==> flow/design.v <==
module adder_v2 #(
  parameter int BITS = 10,
  parameter int N = 6,
  parameter int OUT_W = BITS + $clog2(N)
) (
  input logic i_clk,
  input logic i_rst_n,
  input logic [N*BITS-1:0] d,
  output logic [OUT_W-1:0] o
);
  logic [N*BITS-1:0] r_d;
  wire [OUT_W-1:0] lvl [1:2*N-1];
  for (genvar gi = 0; gi < N; gi++) begin : stage
    assign lvl[N+gi] = r_d[gi*BITS +: BITS];
  end
  for (genvar gi = 1; gi < N; gi++) begin : lane
    assign lvl[gi] = lvl[2*gi] + lvl[2*gi+1];
  end
  assign o = lvl[1];
  always_ff @(posedge i_clk) begin
    if (!i_rst_n) begin
      r_d <= '0;
    end else begin
      r_d <= d;
    end
  end
endmodule
Reports on adder_v2. Tool output for the design above, in the order of the flow. Line numbers count from 1 in the design file above. Operators: Yosys type, input widths -> output width; for muxes data width and select width s. Cell names lack the library's common part. Not given: n/a

Top module: adder_v2. Clock input: i_clk. Standard-cell library: sky130hd. Corner: tt_025C_1v80.

Elaborated design. Source: Yosys, flattened and elaborated. Widths are those after wreduce; folded enables and synchronous resets count as part of the registers. Registers that Yosys merges into a memory's read port (data or address) are not register bits. Print and check cells do not count. Equal cells are merged and count once.

The entry for register bits after elaboration reads 60.

$add $sub $neg: 5.

Operator list (count): $add 10x10->11 (3); $add 13x13->13 (2).

Logic depth. Depth = most cells in a row (Yosys ltp): at word level without a register or memory, in the mapped netlist without a sequential cell, where the memories' decode and read muxes count.

The figure for word-level depth is 3. The entry for ABC_AREA reads 0. Under depth in mapped cells stands 15.

After synthesis. The flow's flattened synthesis, as Yosys stat reports it; memories are mapped. The netlist is that of the ABC_AREA named above (0 if unset); the other value can give another one.

Cell types: dfxtp_1 (count 60, area in all 1.2E+03 um^2); ha_1 (count 40, area in all 500.48 um^2); and2_1 (count 60, area in all 375.36 um^2); fa_1 (count 15, area in all 300.288 um^2); xnor2_1 (count 21, area in all 183.926 um^2); a21oi_1 (count 24, area in all 120.115 um^2); inv_1 (count 27, area in all 101.347 um^2); xor2_1 (count 11, area in all 96.342 um^2); a21o_1 (count 11, area in all 82.579 um^2); nor2_1 (count 17, area in all 63.811 um^2); a2111oi_2 (count 3, area in all 45.043 um^2); o21ai_1 (count 9, area in all 45.043 um^2); nor3_1 (count 8, area in all 40.038 um^2); a211oi_1 (count 5, area in all 37.536 um^2); a211oi_2 (count 3, area in all 37.536 um^2); o21bai_1 (count 5, area in all 37.536 um^2); a31o_1 (count 3, area in all 26.275 um^2); nand4_1 (count 4, area in all 25.024 um^2).

Other cell types: 13; their cells: 30.

The figure for mapped cells is 356. The figure for chip area (Yosys) is 3488.3 um^2. Under sequential area stands 1201.2 um^2. The figure for flip-flops is 60.

Path before layout. Source: OpenSTA report_checks on the synthesized netlist (no wires, ideal clock, input and output delay 20% of the period each), path of least setup slack; recovery checks are left aside. Register names are those of the netlist, which keeps one name where synthesis merged equal registers.

Kind: register to output. Start point: reg r_d[0]. End point: out o[11]. Clock period: 5.2 ns. External output delay: 1.040 ns. Under arrival time stands 3.329 ns. Slack: 0.831 ns. For delay of the path the number is 3.329 ns. Driving pins on the path: 15. Under buffers on the path stands 0. The figure for synthesis period reached is 4.369 ns.

"delay of the path" is the arrival time less input delay plus setup time. A path that ends at an output port has no setup time. "driving pins on the path" counts driving pins, that of a launching flip-flop among them; a cell with two outputs on the path counts twice. "synthesis period reached" is the clock period less the worst setup slack; recovery checks do not enter. This is arithmetic on one report: input and output delays are still those of the set period (20% each). Between the ends stands the longest chain of elaborated cells between them, by number of cells; it is not shown to be the way that was timed. Of several equally long chains one is given. Each line given opens the expression or statement behind the cell; cells for indexed reads and writes are added by Yosys, which also makes memories of some case tables.

Cell sequence: dfxtp_1 > ha_1 > fa_1 > a21o_1 > a21oi_1 > o21ai_1 > xnor2_1 > fa_1 > inv_1 > ha_1 > a21o_1 > a21o_1 > o31a_1 > nor2_1 > xnor2_1. Length of the longest elaborated chain: 2. Elaborated cells on any way between the ends: 2. For RTL lines with such cells the number is 1. Classes of those cells: 2 x add/sub.

RTL lines, path post-synthesis: start, declared (RTL line 11) `logic [N*BITS-1:0] r_d;`; start, assigned (RTL line 22) `r_d <= '0;`; start, assigned (RTL line 24) `r_d <= d;`; $add 10x10->11 (RTL line 17) `assign lvl[gi] = lvl[2*gi] + lvl[2*gi+1];`; $add 13x13->13 (RTL line 17); end, declared (RTL line 9) `output logic [OUT_W-1:0] o`.

Path in the finished layout. Path of least setup slack in the final report of record 1 (OpenROAD, finished layout, wires in). Where an end is a register, its clock arrival counts in the times.

Kind: register to output. Start point: reg r_d[0]. End point: out o[7]. Clock period: 5.2 ns. External output delay: 1.04 ns. Under arrival time stands 3.92 ns. Slack: 0.24 ns. Driving pins on the path: 15. Under buffers on the path stands 1.

Between the ends stands the longest chain of elaborated cells between them, by number of cells; it is not shown to be the way that was timed. Of several equally long chains one is given.

Cell sequence: dfxtp_1 > ha_1 > fa_1 > a21o_1 > a21oi_4 > xnor2_1 > fa_1 > inv_1 > ha_2 > o21ai_2 > a21oi_1 > o21ai_2 > nor2b_1 > xnor2_1 > clkdlybuf4s50_1. Length of the longest elaborated chain: 2. Elaborated cells on any way between the ends: 2. For RTL lines with such cells the number is 1. Classes of those cells: 2 x add/sub.

RTL lines, path post-layout: start, declared (RTL line 11) `logic [N*BITS-1:0] r_d;`; start, assigned (RTL line 22) `r_d <= '0;`; start, assigned (RTL line 24) `r_d <= d;`; $add 10x10->11 (RTL line 17) `assign lvl[gi] = lvl[2*gi] + lvl[2*gi+1];`; $add 13x13->13 (RTL line 17); end, declared (RTL line 9) `output logic [OUT_W-1:0] o`.

Add stored flow runs of adder_v2

Below are 3 stored runs of the flow (Yosys, OpenROAD; platform sky130hd) on adder_v2, each with its settings and what was measured, unordered. Constraints: input delay and output delay 20% of the set period each, output load 0.01 pF. "achieved period": clock period set for the run, less the worst setup slack. It is reckoned from that one timing run; input and output delays stay at 20% of the period that was set. "critical path time" is the time allowed to the run's worst setup path (the clock period less input and output delay, where it has them) less its slack. Clock arrival times count: a late capture clock shortens it, a late launch clock lengthens it. "total power of the final layout" rests on the timing tool's default activity at the inputs, not on a simulated workload.

Record 1 has these settings: period_ns 5.2; CAP_MARGIN 20; CORE_MARGIN 2; CORE_UTILIZATION 40; SLEW_MARGIN 20. The measured critical path time is 3.92 ns. Type of the worst setup path: register to output. The worst slack on setup checks comes to 0.239 ns. For the achieved period the run shows 4.961 ns. The final utilization is 0.539. The area inside the die boundary is 9483.8 um^2. The synthesized cell area comes to 3488.3 um^2. The total power of the final layout comes to 1691 µW. The std-cell area (final layout) stands at 4628.2 um^2. The measured lowest hold slack is 1.278 ns. The post-route setup TNS is 0.000 ns.

Record 2 has these settings: period_ns 6.87; CORE_UTILIZATION 22; SETUP_SLACK_MARGIN -0.18; HOLD_SLACK_MARGIN -0.0; GPL_TIMING_DRIVEN 0; CAP_MARGIN 20; CORE_MARGIN 2; SLEW_MARGIN 20. The measured critical path time is 4.52 ns. Type of the worst setup path: register to output. The worst slack on setup checks comes to 0.978 ns. For the achieved period the run shows 5.892 ns. The final utilization is 0.305. The area inside the die boundary is 16879.2 um^2. The synthesized cell area comes to 3488.3 um^2. The total power of the final layout comes to 1414 µW. The std-cell area (final layout) stands at 4784.6 um^2. The measured lowest hold slack is 1.406 ns. The post-route setup TNS is 0.000 ns.

Record 3 has these settings: period_ns 4.82; CORE_UTILIZATION 22; PLACE_DENSITY 0.63; CORE_ASPECT_RATIO 0.65; CELL_PAD_IN_SITES_DETAIL_PLACEMENT 1; GPL_TIMING_DRIVEN 1; GPL_ROUTABILITY_DRIVEN 1; CTS_CLUSTER_SIZE 50; CTS_CLUSTER_DIAMETER 48; SLEW_MARGIN 20; CAP_MARGIN 20; CORE_MARGIN 2. The measured critical path time is 3.86 ns. Type of the worst setup path: register to output. The worst slack on setup checks comes to -0.005 ns. For the achieved period the run shows 4.825 ns. The final utilization is 0.345. The area inside the die boundary is 16902.7 um^2. The synthesized cell area comes to 3488.3 um^2. The total power of the final layout comes to 2399 µW. The std-cell area (final layout) stands at 5396.4 um^2. The measured lowest hold slack is 1.199 ns. The post-route setup TNS is -0.005 ns.
